==> flow/design.v <==
module cmp_v2 #(
    parameter integer DW = 6,
    parameter integer COUNT = 3
) (
    input wire clk_i,
    input wire en,
    input wire [COUNT*DW-1:0] src,
    output reg [DW-1:0] max_o
);
    wire [DW-1:0] n_ [1:2*COUNT-1];
    genvar ii;
    generate
        for (ii = 0; ii < COUNT; ii = ii + 1) begin : blk
            assign n_[COUNT+ii] = src[ii*DW +: DW];
        end
        for (ii = 1; ii < COUNT; ii = ii + 1) begin : slice
            assign n_[ii] = (n_[2*ii] > n_[2*ii+1]) ? n_[2*ii] : n_[2*ii+1];
        end
    endgenerate
    always @(posedge clk_i) begin
        if (en) begin
            max_o <= n_[1];
        end
    end
endmodule
# Step by step through the tools: cmp_v2
# The steps from the RTL of cmp_v2 to its reports follow in flow order.
# Line numbers count from 1 in the design file above.
# Cell names lack the library's common part.
# A cell with -- has no value.
# setup
design	cmp_v2
clk_port	clk_i
library	sky130hd
lib_corner	tt_025C_1v80

# Elaborated design
# Counts by Yosys on the flattened word-level netlist (proc, flatten, opt, wreduce; memories kept). Register bits leave out memories and registers merged into their read ports (data or address); mux counts leave out enables and synchronous resets folded into registers. Print and check cells are left out. Cells with the same type and inputs are merged into one.
# bits
register_bits	6
in_bits	20
out_inout_bits	6
word_cells	5
# op_classes
cmp	2
n_mux	2
# ops
cell	count
greater-than comparator 6 bit	2
two-way mux 6 bit	2

# Depth
# Depth = most cells in a row (Yosys ltp): at word level without a register or memory, in the mapped netlist without a sequential cell, where the memories' decode and read muxes count.
# depth
depth_word	4
ABC_AREA	0
depth_mapped	13
ltp_nobuf	12

# After synthesis
# Source: synth_stat.txt of the flow (Yosys; design flattened, memories mapped). It holds for the ABC_AREA given above (unset counts as 0); a run with the other value may have another netlist.
# The area totals of this step are shown rounded.
# synth_totals
cells	75
yosys_area_um2	697
sequential_area_um2	180
ff_cells	6
n_buf	2
# types
cell	count	type_area_um2
edfxtp_1	6	180.173
ha_1	12	150.144
mux2_2	5	56.304
a311o_1	5	50.048
inv_1	13	48.797
nor4_1	6	37.536
nor2_1	8	30.029
a21o_1	2	15.014
a21oi_1	3	15.014
nand3_1	3	15.014
o21a_4	1	15.014
nor2b_4	1	13.763
and4_4	1	11.261
mux2i_1	1	10.01
a311oi_1	1	8.758
o21a_1	1	7.507
o21bai_1	1	7.507
nor2b_1	1	6.256
# Not listed: further types 4, cells in them 4.

# Path before layout
# Source: OpenSTA report_checks on the synthesized netlist (no wires, ideal clock, input and output delay 20% of the period each), path of least setup slack; recovery checks are left aside. Register names are those of the netlist, which keeps one name where synthesis merged equal registers.
# synth_timing
path_kind	input to register
start	input src[13]
end	register max_o[1]
clock_period_ns	4.8
in_delay_ns	0.960
setup_ns	0.260
t_first_pin_ns	0.960
arrival_time_ns	3.771
required_time_ns	4.540
slack_ns	0.770
delay_ns	3.071
path_stages	13
n_path_buf	1
synth_period_reached_ns	4.03
# "delay_ns" = arrival - input delay + setup time.
# "path_stages": output pins that drive a net of the path, with the launching flip-flop's if there is one; two outputs of one cell count as two.
# "synth_period_reached_ns" = period - worst setup slack (recovery checks aside). The figure is calculated, with input and output delays left at 20% of the set period.
# Between the ends stands the longest chain of elaborated cells between them, by number of cells; it is not shown to be the way that was timed. Of several equally long chains one is given.
# A line is the first line of the expression or statement that the cell stems from. Yosys adds cells for indexed reads and writes and turns some case tables into memories.
# synth_between
path_cell_list	inv_1 > ha_1 > nor2b_4 > o21a_4 > or3_1 > buf_2 > a311o_1 > ha_1 > nor2b_1 > o21a_1 > o21bai_1 > a21oi_1 > mux2_2
elab_chain_len	4
cone_cells	4
lines_between	1
cone_classes	compare (2); mux (2)
# synth_rtl
item	line_no	source
from (decl)	7	input wire [COUNT*DW-1:0] src,
greater-than comparator 6 bit	17	assign n_[ii] = (n_[2*ii] > n_[2*ii+1]) ? n_[2*ii] : n_[2*ii+1];
two-way mux 6 bit	17
greater-than comparator 6 bit	17
two-way mux 6 bit	17
to (assign)	22	max_o <= n_[1];
to (decl)	8	output reg [DW-1:0] max_o

# Worst path after layout
# From the final timing report of run 1: the path of least setup slack in the routed layout; clock arrival at registers is part of the times.
# layout_timing
path_kind	input to register
start	input src[17]
end	register max_o[4]
clock_period_ns	4.3
in_delay_ns	0.86
setup_ns	0.25
t_first_pin_ns	0.86
arrival_time_ns	4.09
required_time_ns	4.26
slack_ns	0.17
path_stages	14
n_path_buf	2
# Between the ends stands the longest chain of elaborated cells between them, by number of cells; it is not shown to be the way that was timed. Of several equally long chains one is given.
# layout_between
path_cell_list	clkdlybuf4s50_1 > inv_1 > ha_1 > and4_4 > o21a_4 > or3_4 > a311o_1 > ha_1 > nor2b_1 > o21a_1 > o21bai_1 > a21oi_2 > buf_4 > mux2_2
elab_chain_len	4
cone_cells	4
lines_between	1
cone_classes	compare (2); mux (2)
# layout_rtl
item	line_no	source
from (decl)	7	input wire [COUNT*DW-1:0] src,
greater-than comparator 6 bit	17	assign n_[ii] = (n_[2*ii] > n_[2*ii+1]) ? n_[2*ii] : n_[2*ii+1];
two-way mux 6 bit	17
greater-than comparator 6 bit	17
two-way mux 6 bit	17
to (assign)	22	max_o <= n_[1];
to (decl)	8	output reg [DW-1:0] max_o

# Below are 3 stored runs of the flow (Yosys, OpenROAD; platform sky130hd) on cmp_v2, each with its settings and what was measured, unordered. Constraints: input delay and output delay 20% of the set period each, output load 0.01 pF.
# By "worst_path_time_ns" is meant the share of the clock period that the worst setup path is allowed (20% is reserved at inputs, 20% at outputs), minus its slack. Clock arrival times at its registers enter into it.
# "fin_power_w": no workload was simulated; the value follows from the tool's default switching activity.
# The results are shown rounded.
# A setting shown as n/a is not set for that run.
# Results: n/a = not shown.
run name	period_ns	CORE_UTILIZATION	SETUP_SLACK_MARGIN	PLACE_DENSITY_LB_ADDON	CORE_ASPECT_RATIO	CELL_PAD_IN_SITES_GLOBAL_PLACEMENT	TNS_END_PERCENT	ABC_AREA	CTS_CLUSTER_SIZE	CTS_CLUSTER_DIAMETER	CAP_MARGIN	CORE_MARGIN	SLEW_MARGIN	PLACE_DENSITY	GPL_TIMING_DRIVEN	GPL_ROUTABILITY_DRIVEN	MIN_ROUTING_LAYER	hold_ws_ns	die_um2	post_route_stdcell_area_um2	fin_power_w	worst_path_time_ns	critical_path_kind	final_setup_ws_ns	post_synth_area_um2	finalUtil_pct
run 1	4.3	24	0.06	0.27	0.69	0	85	0	98	357	10	2	20	n/a	n/a	n/a	n/a	1.37	3360	1140	0.000305	3.27	input to register	0.174	697	40.6
run 2	4.8	40	n/a	n/a	n/a	n/a	n/a	n/a	n/a	n/a	20	2	20	n/a	n/a	n/a	n/a	1.42	2090	990	0.000226	3.43	input to register	0.409	697	58.6
run 3	2.36	69	n/a	n/a	1.13	3	n/a	n/a	n/a	n/a	20	2	5	0.45	0	0	met1	n/a	n/a	n/a	n/a	n/a	n/a	n/a	n/a	n/a
# Run 3: unfinished; error GPL-0301 in placement
